==> flow/design.v <==
module alu_diff_unit #(
   parameter DWIDTH = 36
) (
   input logic clk,
   input logic i_rst_n,
   input logic [DWIDTH-1:0] op_a,
   input logic [DWIDTH-1:0] op_b,
   output logic [DWIDTH-1:0] q,
   output logic bo
);
   logic [DWIDTH-1:0] op_a_ff;
   logic [DWIDTH-1:0] op_b_ff;
   logic [DWIDTH:0] t;
   assign t = {1'b0, op_a_ff} - {1'b0, op_b_ff};
   assign q = t[DWIDTH-1:0];
   assign bo = t[DWIDTH];
   always_ff @(posedge clk or negedge i_rst_n) begin
      if (!i_rst_n) begin
         op_a_ff <= 0;
         op_b_ff <= 0;
      end else begin
         op_a_ff <= op_a;
         op_b_ff <= op_b;
      end
   end
endmodule
Reports on alu_diff_unit
Tool output for the design above, in the order of the flow.
Lines are those of the file above, counted from 1.
{ "design": {"top_module": "alu_diff_unit", "clock": "clk", "library": "sky130hd", "pvt_corner": "tt_025C_1v80"} }

Word level
Source: Yosys, flattened and elaborated, memories not mapped. Widths are those after wreduce; folded enables and synchronous resets count as part of the registers. Registers that Yosys merges into a memory's read port (data or address) are not register bits. Print and check cells do not count. Equal cells are merged and count once.
{ "op_classes": {"addsub": 1} }
{ "ops": {"columns": ["cell", "n"], "rows": [
  ["36-bit by 36-bit subtractor with 37-bit output", 1]
]} }
{ "bits": {"regBits": 72, "word_cells": 3} }

Logic depth
Yosys ltp: most cells in a row. Word level: on the elaborated netlist, between registers, memories and ports. Mapped: between sequential cells and ports; inverters and the memories' decode and read muxes count.
{ "logic_depth": {"depth_word": 1, "ABC_AREA": 0, "mapped_depth": 10, "depth_no_buf": 10} }

After synthesis
The flow's flattened synthesis, as Yosys stat reports it; memories are mapped. The netlist is that of the ABC_AREA named above (0 if unset); the other value can give another one.
{ "types": {"columns": ["cell", "n", "type_area_um2"], "rows": [
  ["sky130_fd_sc_hd__dfrtp_1", 72, 1.8E+03],
  ["sky130_fd_sc_hd__ha_1", 36, 450.432],
  ["sky130_fd_sc_hd__a21oi_1", 37, 185.178],
  ["sky130_fd_sc_hd__inv_1", 47, 176.419],
  ["sky130_fd_sc_hd__xnor2_1", 20, 175.168],
  ["sky130_fd_sc_hd__nand2_1", 30, 112.608],
  ["sky130_fd_sc_hd__xor2_1", 11, 96.342],
  ["sky130_fd_sc_hd__nor2_1", 25, 93.84],
  ["sky130_fd_sc_hd__a21o_1", 11, 82.579],
  ["sky130_fd_sc_hd__nand3_1", 15, 75.072],
  ["sky130_fd_sc_hd__nand4_1", 11, 68.816],
  ["sky130_fd_sc_hd__a31oi_1", 9, 56.304],
  ["sky130_fd_sc_hd__o21ai_0", 11, 55.053],
  ["sky130_fd_sc_hd__o211ai_1", 6, 45.043],
  ["sky130_fd_sc_hd__o21ai_1", 9, 45.043],
  ["sky130_fd_sc_hd__o21bai_1", 6, 45.043],
  ["sky130_fd_sc_hd__o21a_1", 5, 37.536],
  ["sky130_fd_sc_hd__buf_2", 7, 35.034]
]} }
Not listed: further types 27, cells in them 48.
{ "mapped": {"cell_count": 416, "mapped_area_um2": 4020.1, "sequential_area_um2": 1801.7, "flip_flops": 72, "n_buf": 12} }

Path before layout
OpenSTA on the mapped netlist: ideal clock, no wires. The path of least setup slack (recovery checks aside). Input and output delay are each 20% of the period. Register names are those of the netlist, which keeps one name where synthesis merged equal registers.
{ "synth_timing": {"path_type": "register to output", "from": "register op_a_ff[0]", "to": "output q[32]", "tclk_ps": 3580, "output_delay_ps": 716, "arrival_ps": 2294, "required_ps": 2864, "setup_slack_ps": 570, "delay_ps": 2294, "stages": 11, "n_path_buf": 0, "synth_period_reached_ps": 3010} }
"delay_ps" is the arrival time less input delay plus setup time.
At an output port there is no setup time.
"stages": output pins that drive a net of the path, with the launching flip-flop's if there is one; two outputs of one cell count as two.
"synth_period_reached_ps" = period - worst setup slack (recovery checks aside). The figure is calculated, with input and output delays left at 20% of the set period.
The rows between start and end are the longest chain of elaborated cells between them; the timing report does not say that the signal goes this way. Where chains are equally long, one stands for them.
A line is the first line of the expression or statement that the cell stems from. Yosys adds cells for indexed reads and writes and turns some case tables into memories.
{ "synth_between": {"path_cell_list": "sky130_fd_sc_hd__dfrtp_1 > sky130_fd_sc_hd__inv_1 > sky130_fd_sc_hd__ha_1 > sky130_fd_sc_hd__fa_1 > sky130_fd_sc_hd__nand2b_1 > sky130_fd_sc_hd__a21oi_1 > sky130_fd_sc_hd__o21ai_1 > sky130_fd_sc_hd__a311o_1 > sky130_fd_sc_hd__a41oi_2 > sky130_fd_sc_hd__a31oi_1 > sky130_fd_sc_hd__xnor2_1", "elab_chain_cells": 1, "cone_cells": 1, "lines_between": 1, "cone_classes": "1 x add/sub"} }
{ "synth_rtl": {"columns": ["element", "line_no", "text"], "rows": [
  ["from (decl)", 11, "logic [DWIDTH-1:0] op_a_ff;"],
  ["from (assign)", 19, "op_a_ff <= 0;"],
  ["from (assign)", 22, "op_a_ff <= op_a;"],
  ["36-bit by 36-bit subtractor with 37-bit output", 14, "assign t = {1'b0, op_a_ff} - {1'b0, op_b_ff};"],
  ["to (decl)", 8, "output logic [DWIDTH-1:0] q,"]
]} }

Worst path after layout
From the final timing report of run 1: the path of least setup slack in the routed layout; clock arrival at registers is part of the times.
The report prints the path's times to 10 ps; the period is as set.
{ "layout_timing": {"path_type": "register to output", "from": "register op_b_ff[0]", "to": "output bo", "tclk_ps": 1890, "output_delay_ps": 380, "arrival_ps": 2850, "required_ps": 1510, "setup_slack_ps": -1330, "stages": 13, "n_path_buf": 4} }
The rows between start and end are the longest chain of elaborated cells between them; the timing report does not say that the signal goes this way. Where chains are equally long, one stands for them.
{ "layout_between": {"path_cell_list": "sky130_fd_sc_hd__dfrtp_1 > sky130_fd_sc_hd__ha_4 > sky130_fd_sc_hd__fa_2 > sky130_fd_sc_hd__nand2b_4 > sky130_fd_sc_hd__a21oi_4 > sky130_fd_sc_hd__o21ai_2 > sky130_fd_sc_hd__a311o_1 > sky130_fd_sc_hd__a41oi_4 > sky130_fd_sc_hd__buf_4 > sky130_fd_sc_hd__buf_6 > sky130_fd_sc_hd__buf_6 > sky130_fd_sc_hd__a31oi_1 > sky130_fd_sc_hd__buf_2", "elab_chain_cells": 1, "cone_cells": 1, "lines_between": 1, "cone_classes": "1 x add/sub"} }
{ "layout_rtl": {"columns": ["element", "line_no", "text"], "rows": [
  ["from (decl)", 12, "logic [DWIDTH-1:0] op_b_ff;"],
  ["from (assign)", 20, "op_b_ff <= 0;"],
  ["from (assign)", 23, "op_b_ff <= op_b;"],
  ["36-bit by 36-bit subtractor with 37-bit output", 14, "assign t = {1'b0, op_a_ff} - {1'b0, op_b_ff};"],
  ["to (decl)", 9, "output logic bo"]
]} }

3 stored runs of alu_diff_unit in the flow (synthesis by Yosys, layout by OpenROAD, sky130hd cells), in arbitrary order. Constraints: input delay and output delay 20% of the set period each, output load 0.01 pF.
"period_reached_ps" = clock period - worst setup slack. The figure is calculated, with input and output delays left at 20% of the set period.
"worst_setup_path_time_ps": the worst setup path's part of the clock period (all of it between registers, 20% less for each end at a port) less its slack. A launch clock that arrives late makes it longer, a capture clock that arrives late makes it shorter.
By "power_mw" is meant OpenSTA's value without simulated activity: inputs other than the clock are taken to toggle once in ten clock periods, and the tool carries that through the logic.
"worst_setup_path_time_ps" is known to 10 ps.

Run 1
==> flow/run.sh <==
#!/bin/bash
# the make line also repeats the synthesis and layout settings of config.mk as NAME=value (left out here)
make -C /OpenROAD-flow-scripts/flow DESIGN_CONFIG=/design/flow/config.mk WORK_HOME=/design/flow/orfs CLKGATE_MAP_FILE= finish
==> flow/config.mk <==
export PLATFORM = sky130hd
export DESIGN_NAME = alu_diff_unit
export DESIGN_NICKNAME = alu_diff_unit
export VERILOG_FILES = /design/flow/design.v
export SDC_FILE = /design/flow/constraint.sdc
export NUM_CORES = 4
export LEC_CHECK = 0
export ABC_AREA = 0
export CAP_MARGIN = 20
export CELL_PAD_IN_SITES_GLOBAL_PLACEMENT = 2
export CORE_MARGIN = 2
export CORE_UTILIZATION = 36
export CTS_CLUSTER_DIAMETER = 204
export GPL_ROUTABILITY_DRIVEN = 0
export GPL_TIMING_DRIVEN = 0
export MAX_ROUTING_LAYER = met4
export SETUP_SLACK_MARGIN = -0.11
export SLEW_MARGIN = 20
export TNS_END_PERCENT = 90
==> flow/constraint.sdc <==
create_clock -name core_clock -period 1.89 [get_ports {clk}]
set_input_delay 0.3780 -clock core_clock [delete_from_list [all_inputs] [get_ports {clk}]]
set_output_delay 0.3780 -clock core_clock [all_outputs]
set_load 0.01 [all_outputs]

==> results of run 1, as JSON <==
{
  "fin_ws_ps": -1334,
  "final_util_pct": 59.1,
  "synthesis_area_um2": 4020.1,
  "power_mw": 4.854,
  "worst_setup_path_time_ps": 2850,
  "critical_path_type": "register to output",
  "period_reached_ps": 3224,
  "total_die_area_um2": 12028.6,
  "setup_tns_ps": -33463,
  "finish.stdcell_area_um2": 6438.7
}

Run 2
==> flow/run.sh <==
#!/bin/bash
# the make line also repeats the synthesis and layout settings of config.mk as NAME=value (left out here)
make -C /OpenROAD-flow-scripts/flow DESIGN_CONFIG=/design/flow/config.mk WORK_HOME=/design/flow/orfs CLKGATE_MAP_FILE= finish
==> flow/config.mk <==
export PLATFORM = sky130hd
export DESIGN_NAME = alu_diff_unit
export DESIGN_NICKNAME = alu_diff_unit
export VERILOG_FILES = /design/flow/design.v
export SDC_FILE = /design/flow/constraint.sdc
export NUM_CORES = 4
export LEC_CHECK = 0
export ABC_AREA = 0
export CAP_MARGIN = 10
export CELL_PAD_IN_SITES_DETAIL_PLACEMENT = 0
export CELL_PAD_IN_SITES_GLOBAL_PLACEMENT = 2
export CORE_MARGIN = 2
export CORE_UTILIZATION = 53
export PLACE_DENSITY_LB_ADDON = 0.14
export SETUP_SLACK_MARGIN = 0.45
export SLEW_MARGIN = 20
==> flow/constraint.sdc <==
create_clock -name core_clock -period 3.75 [get_ports {clk}]
set_input_delay 0.7500 -clock core_clock [delete_from_list [all_inputs] [get_ports {clk}]]
set_output_delay 0.7500 -clock core_clock [all_outputs]
set_load 0.01 [all_outputs]

==> results of run 2, as JSON <==
{
  "outcome": "did not finish, placement stopped with FLW-0024"
}

Run 3
==> flow/run.sh <==
#!/bin/bash
# the make line also repeats the synthesis and layout settings of config.mk as NAME=value (left out here)
make -C /OpenROAD-flow-scripts/flow DESIGN_CONFIG=/design/flow/config.mk WORK_HOME=/design/flow/orfs CLKGATE_MAP_FILE= finish
==> flow/config.mk <==
export PLATFORM = sky130hd
export DESIGN_NAME = alu_diff_unit
export DESIGN_NICKNAME = alu_diff_unit
export VERILOG_FILES = /design/flow/design.v
export SDC_FILE = /design/flow/constraint.sdc
export NUM_CORES = 4
export LEC_CHECK = 0
export CAP_MARGIN = 20
export CORE_MARGIN = 2
export CORE_UTILIZATION = 40
export SLEW_MARGIN = 20
==> flow/constraint.sdc <==
create_clock -name core_clock -period 3.58 [get_ports {clk}]
set_input_delay 0.7160 -clock core_clock [delete_from_list [all_inputs] [get_ports {clk}]]
set_output_delay 0.7160 -clock core_clock [all_outputs]
set_load 0.01 [all_outputs]

==> results of run 3, as JSON <==
{
  "setup_tns_ps": 0,
  "total_die_area_um2": 10868.1,
  "final_util_pct": 61.1,
  "worst_setup_path_time_ps": 2810,
  "critical_path_type": "register to output",
  "fin_ws_ps": 58,
  "finish.stdcell_area_um2": 5973.2,
  "period_reached_ps": 3522,
  "synthesis_area_um2": 4020.1,
  "power_mw": 2.353
}
